==> flow/design.v <==
module sync_scratch (clk, rst_n, wr_en_i, wsel_i, wr_data_i, raddr1_i, raddr2_i, q1_o, q2_o);
    parameter integer DEPTH = 32;
    parameter integer DWIDTH = 24;
    localparam integer AWIDTH = $clog2(DEPTH);
    input clk;
    input rst_n;
    input wr_en_i;
    input [AWIDTH-1:0] wsel_i;
    input [DWIDTH-1:0] wr_data_i;
    input [AWIDTH-1:0] raddr1_i;
    input [AWIDTH-1:0] raddr2_i;
    output reg [DWIDTH-1:0] q1_o;
    output reg [DWIDTH-1:0] q2_o;
    reg wr_en_s;
    reg [AWIDTH-1:0] wsel_s;
    reg [DWIDTH-1:0] wr_data_s;
    reg [DWIDTH-1:0] regs [0:DEPTH-1];
    always @(posedge clk) begin
        if (wr_en_s)
            regs[wsel_s] <= wr_data_s;
    end
    reg [AWIDTH-1:0] raddr1_s;
    reg [AWIDTH-1:0] raddr2_s;
    always @(posedge clk or negedge rst_n) begin
        if (!rst_n) begin
            wr_en_s <= 1'b0;
            wsel_s <= 0;
            wr_data_s <= 0;
            raddr1_s <= 0;
            raddr2_s <= 0;
            q1_o <= 0;
            q2_o <= 0;
        end else begin
            wr_en_s <= wr_en_i;
            wsel_s <= wsel_i;
            wr_data_s <= wr_data_i;
            raddr1_s <= raddr1_i;
            raddr2_s <= raddr2_i;
            q1_o <= regs[raddr1_s];
            q2_o <= regs[raddr2_s];
        end
    end
endmodule
# Reports on sync_scratch
# Tool output for the design above, in the order of the flow.
# Line numbers count from 1 in the design file above.
# Operators: Yosys type, input widths -> output width; for muxes data width and select width s.
# Cell names lack the library's common part.
# A cell with -- has no value.
# design
top_module	sync_scratch
clk_port	clk
lib	sky130hd
pvt_corner	tt_025C_1v80

# Word-level counts
# Source: Yosys, flattened and elaborated, memories not mapped. Widths are those after wreduce; folded enables and synchronous resets count as part of the registers. Registers that Yosys merges into a memory's read port (data or address) are not register bits. Print and check cells do not count.
# Memory sizes are those after Yosys's memory passes, which may raise the word count (mostly to a power of two), join words into wider ones and drop unused or constant bits.
# bits
n_memories	1
latch_bits	0
out_inout_bits	48
in_bits	42
mem_bits_ro	0
ram_bits	768
clocked_rd_ports_x_width	48
regBits	40
# classes
shifts	0
mul	0
muxes	3
div_mod_pow	0
equal	0
add_sub_neg	0
n_reduce_logical	2
n_logic	0
n_cmp	0
# memory_table
memory	words	width	rd	wr	line	source
regs	32	24	2	1	17	reg [DWIDTH-1:0] regs [0:DEPTH-1];
# op_table
op	n
$mux 24	1
$mux 5	1
$logic_not 1->1	2
$mux 1	1

# Logic depth
# Depth = most cells in a row (Yosys ltp): at word level without a register or memory, in the mapped netlist without a sequential cell, where the memories' decode and read muxes count.
# depth
depth_word	1
ABC_AREA	0
ltp_mapped	8
mapped_depth_nobuf	5

# Mapped cells and area
# Yosys stat after the flow's synthesis: flattened, memories mapped to cells. It holds for the ABC_AREA given above (unset counts as 0); a run with the other value may have another netlist.
# by_type
cell_type	n	type_area_um2
edfxtp_1	768	2.31E+04
mux2i_1	768	7.69E+03
dfrtp_1	88	2.2E+03
a22oi_1	144	1.08E+03
a22o_1	96	840.806
nand3_1	146	730.701
a21oi_1	144	720.691
nand2_1	147	551.779
buf_6	38	427.91
a31oi_1	48	300.288
clkbuf_1	64	240.23
nor3_1	48	240.23
buf_2	47	235.226
buf_4	30	225.216
nor2_1	35	131.376
buf_1	15	56.304
nand3b_1	5	37.536
or3b_2	3	26.275
# Other cell types: 6; their cells: 14.
# synth_totals
seq_area_um2	25264.2
cells	2648
n_buf	195
area_um2	38886.0
flip_flops	856

# Path before layout
# Source: OpenSTA report_checks on the synthesized netlist (no wires, ideal clock, input and output delay 20% of the period each), path of least setup slack; recovery checks are left aside. Register names are those of the netlist, which keeps one name where synthesis merged equal registers.
# synth_path
path_type	register to register
from	register wsel_s[1]
to	memory regs[28][0]
t_first_pin_ns	0.000
path_delay_ns	2.466
setup_time_ns	0.405
t_arrival_ns	2.061
path_slack_ns	0.614
driving_pins	4
tclk_ns	3.08
period_less_setup_slack_ns	2.466
# "path_delay_ns" = arrival - input delay + setup time.
# "driving_pins" counts driving pins, that of a launching flip-flop among them; a cell with two outputs on the path counts twice.
# "period_less_setup_slack_ns" = period - worst setup slack (recovery checks aside). The figure is calculated, with input and output delays left at 20% of the set period.
# Between the ends stands the longest chain of elaborated cells between them, by number of cells; it is not shown to be the way that was timed. Of several equally long chains one is given.
# A line is the first line of the expression or statement that the cell stems from. Yosys adds cells for indexed reads and writes and turns some case tables into memories.
# synth_via
cell_sequence	dfrtp_1 > or3b_2 > clkbuf_1 > nor2_1
elab_chain_cells	1
cone_cells	1
cone_lines	1
cone_classes	mux (1)
# synth_lines
element	line	source
start, declared	15	reg [AWIDTH-1:0] wsel_s;
start, assigned	27	wsel_s <= 0;
start, assigned	35	wsel_s <= wsel_i;
$mux 5	19	if (wr_en_s)
end, declared	17	reg [DWIDTH-1:0] regs [0:DEPTH-1];

# Path in the finished layout
# Path of least setup slack in the final report of record 1 (OpenROAD, finished layout, wires in). Where an end is a register, its clock arrival counts in the times.
# layout_path
path_type	register to register
from	register raddr1_s[1]
to	register q1_o[8]
driving_pins	8
tclk_ns	2.22
t_arrival_ns	2.73
t_first_pin_ns	0.66
path_slack_ns	-0.09
setup_time_ns	0.24
# layout_via
cell_sequence	dfrtp_4 > buf_12 > buf_4 > mux2i_1 > a22o_1 > nor3_1 > a31oi_1 > nand3_2
# layout_lines
element	line	source
start, declared	22	reg [AWIDTH-1:0] raddr1_s;
start, assigned	29	raddr1_s <= 0;
start, assigned	37	raddr1_s <= raddr1_i;
end, declared	12	output reg [DWIDTH-1:0] q1_o;
# No chain of elaborated cells between the ends is given.

# Measured data: module sync_scratch, platform sky130hd, 3 stored runs of the flow under differing settings, order arbitrary. Input and output delays are each 20% of the period that was set; the output load is 0.01 pF.
# "period_less_ws_ns" means the clock period less the worst setup slack. The figure is calculated, with input and output delays left at 20% of the set period.
# "critical_path_time_ns" is the time allowed to the run's worst setup path (the clock period less input and output delay, where it has them) less its slack. Clock arrival times count: a late capture clock shortens it, a late launch clock lengthens it.
# "design_power_mw" rests on the timing tool's default activity at the inputs, not on a simulated workload.
# Settings: n/a = not set for that run.
run name	period_ns	CORE_UTILIZATION	PLACE_DENSITY_LB_ADDON	CORE_ASPECT_RATIO	CELL_PAD_IN_SITES_GLOBAL_PLACEMENT	CELL_PAD_IN_SITES_DETAIL_PLACEMENT	GPL_ROUTABILITY_DRIVEN	SLEW_MARGIN	MIN_ROUTING_LAYER	CAP_MARGIN	CORE_MARGIN	SETUP_SLACK_MARGIN	PLACE_DENSITY	ABC_AREA	CTS_CLUSTER_SIZE	fin_util_pct	final_cell_area_um2	timing.setup.tns_ns	final_setup_ws_ns	period_less_ws_ns	final_die_area_um2	synth_area_um2	timing.hold.ws_ns	design_power_mw	critical_path_time_ns	worst_path_kind
record 1	2.22	56	0.09	1.69	2	1	0	40	met2	20	2	n/a	n/a	n/a	n/a	65.8	45303.4	-0.230	-0.092	2.312	71635.0	38886.0	0.223	35.805	2.31	register to register
record 2	2.89	39	n/a	n/a	n/a	n/a	n/a	20	n/a	20	2	0.63	0.73	0	89	46.7	45996.6	0.000	0.654	2.236	102250.0	38886.0	0.360	28.513	2.24	register to register
record 3	3.08	40	n/a	n/a	n/a	n/a	n/a	20	n/a	20	2	n/a	n/a	n/a	n/a	46.7	45093.2	0.000	0.591	2.489	99726.5	38886.0	0.385	26.197	2.49	register to register
